==> flow/design.v <==
module my_mul_n (ck, i_rst_n, dataa, datab, start, prod, ready);
  parameter NBITS = 16;
  input ck;
  input i_rst_n;
  input [NBITS-1:0] dataa;
  input [NBITS-1:0] datab;
  input start;
  output [2*NBITS-1:0] prod;
  output ready;
  reg [NBITS-1:0] dataa_ff;
  reg [NBITS-1:0] datab_ff;
  reg start_ff;
  always @(posedge ck) begin
    if (~i_rst_n) begin
      dataa_ff <= 0;
      datab_ff <= 0;
      start_ff <= 1'b0;
    end else begin
      dataa_ff <= dataa;
      datab_ff <= datab;
      start_ff <= start;
    end
  end
  localparam LOGN = $clog2(NBITS + 1);
  reg [NBITS-1:0] mcand;
  reg [LOGN-1:0] ctr;
  always @(posedge ck) begin
    if (~i_rst_n) begin
      mcand <= 0;
      ctr <= 0;
    end else begin
      mcand <= start_ff ? dataa_ff : mcand;
      ctr <= start_ff ? NBITS : (ctr != 0) ? ctr - 1'b1 : ctr;
    end
  end
  reg [2*NBITS-1:0] state;
  wire [NBITS:0] r;
  assign r = state[2*NBITS-1:NBITS] + (state[0] ? mcand : {NBITS{1'b0}});
  always @(posedge ck) begin
    if (~i_rst_n) begin
      state <= 0;
    end else begin
      state <= start_ff ? {{NBITS{1'b0}}, datab_ff} : (ctr != 0) ? {r, state[NBITS-1:1]} : state;
    end
  end
  assign prod = state;
  assign ready = (ctr == 0);
endmodule
# Reports on my_mul_n
# Tool output for the design above, in the order of the flow.
# Lines are those of the file above, counted from 1.
# Cell names lack the library's common part.
# The mark n/a stands for no value.
# inputs
design	my_mul_n
clock_port	ck
library	sky130hd
corner	tt_025C_1v80

# After elaboration
# Source: Yosys, flattened and elaborated, memories not mapped. Widths are those after wreduce. Registers that Yosys merges into a memory's read port (data or address) are not register bits. Print and check cells do not count. Equal cells are merged and count once.
# bits
reg_bits	86
latch_bits	0
mem_bits_rw	0
romBits	0
clocked_rd_ports_x_width	0
memories	0
output_inout_bits	33
word_cells	20
# op_classes
n_addsub	2
mul	0
div	0
n_cmp	0
equal	0
n_shift	0
muxes	5
logic	1
n_reduce_logical	4
# op_table
operator	n
two-way mux 16 bit	3
adder 16 x 16 -> 17 bit	1
two-way mux 5 bit	2
subtractor 5 x 1 -> 5 bit (second input constant)	1
logical NOT 5 bit	1
nonzero test 5 bit	1
nonzero test 2 bit	1
OR reduction 2 bit	1
inverter 1 bit	1

# Logic depth
# Depth = most cells in a row (Yosys ltp): at word level without a register or memory, in the mapped netlist without a sequential cell, where the memories' decode and read muxes count.
# logic_depth
word_depth	4
ABC_AREA	1
mapped_depth	15
depth_no_buf	14

# Mapped cells and area
# The flow's flattened synthesis, as Yosys stat reports it; memories are mapped. The netlist is that of the ABC_AREA named above (0 if unset); the other value can give another one.
# Totals and module areas in this step are rounded.
# mapped
stdcells	582
yosys_area_um2	4000
sequential_area_um2	1700
ff_cells	86
n_buf	21
# by_type
cell	n
dfxtp_1	86
nand2_1	177
inv_1	104
ha_1	17
nand3_1	40
nor2_1	50
o21ai_0	24
a31oi_1	16
a21oi_1	17
clkbuf_1	11
nor2_8	2
buf_2	5
o211ai_1	3
fa_1	1
or2_2	3
xnor2_1	2
xor2_1	2
buf_4	2
# Not listed: further types 12, cells in them 20.

# Worst setup path after synthesis
# OpenSTA on the mapped netlist: ideal clock, no wires. The path of least setup slack (recovery checks aside). Input and output delay are each 20% of the period. Register names are those of the netlist, which keeps one name where synthesis merged equal registers.
# synth_timing
path_type	register -> register
start	register state[0]
end	register state[30]
clock_period_ns	2.62
t_arrival_ns	1.948
t_required_ns	2.511
setup_slack_ns	0.563
delay_ns	2.057
stages	16
n_path_buf	2
period_less_setup_slack_ns	2.057
# "delay_ns" is the arrival time less input delay plus setup time.
# "stages": output pins that drive a net of the path, with the launching flip-flop's if there is one; two outputs of one cell count as two.
# "period_less_setup_slack_ns" = period - worst setup slack (recovery checks aside). The figure is calculated, with input and output delays left at 20% of the set period.
# Between the ends stands the longest chain of elaborated cells between them, by number of cells; it is not shown to be the way that was timed. Of several equally long chains one is given.
# A line is the first line of the expression or statement that the cell stems from. Yosys adds cells for indexed reads and writes and turns some case tables into memories.
# synth_between
path_cell_list	dfxtp_1 > clkbuf_1 > clkbuf_1 > nand2_1 > inv_1 > ha_1 > nand2_1 > inv_1 > a21oi_1 > nand2_1 > nand2_1 > nand2_1 > nand2_1 > nand3_1 > nand2_1 > inv_1
elab_chain_len	2
cone_cells	2
lines_between	1
# synth_lines
item	line_no	text
start: declaration	36	reg [2*NBITS-1:0] state;
start: assignment	41	state <= 0;
start: assignment	43	state <= start_ff ? {{NBITS{1'b0}}, datab_ff} : (ctr != 0) ? {r, state[NBITS-1:1]} : state;
two-way mux 16 bit	38	assign r = state[2*NBITS-1:NBITS] + (state[0] ? mcand : {NBITS{1'b0}});
adder 16 x 16 -> 17 bit	38
end: assignment	41
end: assignment	43
end: declaration	36

# Timing after layout
# From the final timing report of run A: the path of least setup slack in the routed layout; clock arrival at registers is part of the times.
# layout_timing
path_type	register -> register
start	register state[0]
end	register state[28]
clock_period_ns	2.27
t_arrival_ns	2.55
t_required_ns	2.58
setup_slack_ns	0.03
stages	14
n_path_buf	1
# Between the ends stands the longest chain of elaborated cells between them, by number of cells; it is not shown to be the way that was timed. Of several equally long chains one is given.
# layout_between
path_cell_list	dfxtp_4 > buf_4 > nand2_1 > inv_1 > ha_1 > nand2_1 > inv_1 > nand2_1 > nand2_1 > a21oi_1 > nand3_1 > nand2_1 > nor2_1 > nor2_1
elab_chain_len	2
cone_cells	2
lines_between	1
# layout_lines
item	line_no	text
start: declaration	36	reg [2*NBITS-1:0] state;
start: assignment	41	state <= 0;
start: assignment	43	state <= start_ff ? {{NBITS{1'b0}}, datab_ff} : (ctr != 0) ? {r, state[NBITS-1:1]} : state;
two-way mux 16 bit	38	assign r = state[2*NBITS-1:NBITS] + (state[0] ? mcand : {NBITS{1'b0}});
adder 16 x 16 -> 17 bit	38
end: assignment	41
end: assignment	43
end: declaration	36

# Module my_mul_n, platform sky130hd: 3 stored runs of the flow (Yosys, OpenROAD) with differing settings, in no particular order. Input and output delays are each 20% of the period that was set; the output load is 0.01 pF.
# By "achieved_period_ns" is meant the clock period of the run minus its worst setup slack. This is arithmetic on one report: input and output delays are still those of the set period (20% each).
# "total_power_mw" is the tool's figure for a default switching activity; nothing was simulated.
# Measured values are rounded.
# Settings: n/a = not set for that run.
stored run	period_ns	CORE_UTILIZATION	PLACE_DENSITY_LB_ADDON	CORE_ASPECT_RATIO	CELL_PAD_IN_SITES_DETAIL_PLACEMENT	TNS_END_PERCENT	ABC_AREA	GPL_ROUTABILITY_DRIVEN	CTS_CLUSTER_SIZE	CTS_CLUSTER_DIAMETER	CAP_MARGIN	MAX_ROUTING_LAYER	CORE_MARGIN	SLEW_MARGIN	SETUP_SLACK_MARGIN	MIN_ROUTING_LAYER	timing.setup.tns_ns	finish.utilization_pct	design_die_area_um2	worst_setup_slack_ns	total_power_mw	final_cell_area_um2	yosys_chip_area_um2	achieved_period_ns
run A	2.27	39	0.27	1.58	2	55	1	0	42	43	20	met4	2	20	n/a	n/a	0.000	51	11000	0.030	5.6	5100	4000	2.240
run B	2.62	40	n/a	n/a	n/a	n/a	n/a	n/a	n/a	n/a	20	n/a	2	20	n/a	n/a	0.000	50	11000	0.27	3.5	4900	3900	2.353
run C	2.26	37	n/a	n/a	n/a	n/a	0	n/a	69	n/a	35	met5	2	15	0.22	met1	0.000	52	11000	0.18	4.4	5400	3900	2.077
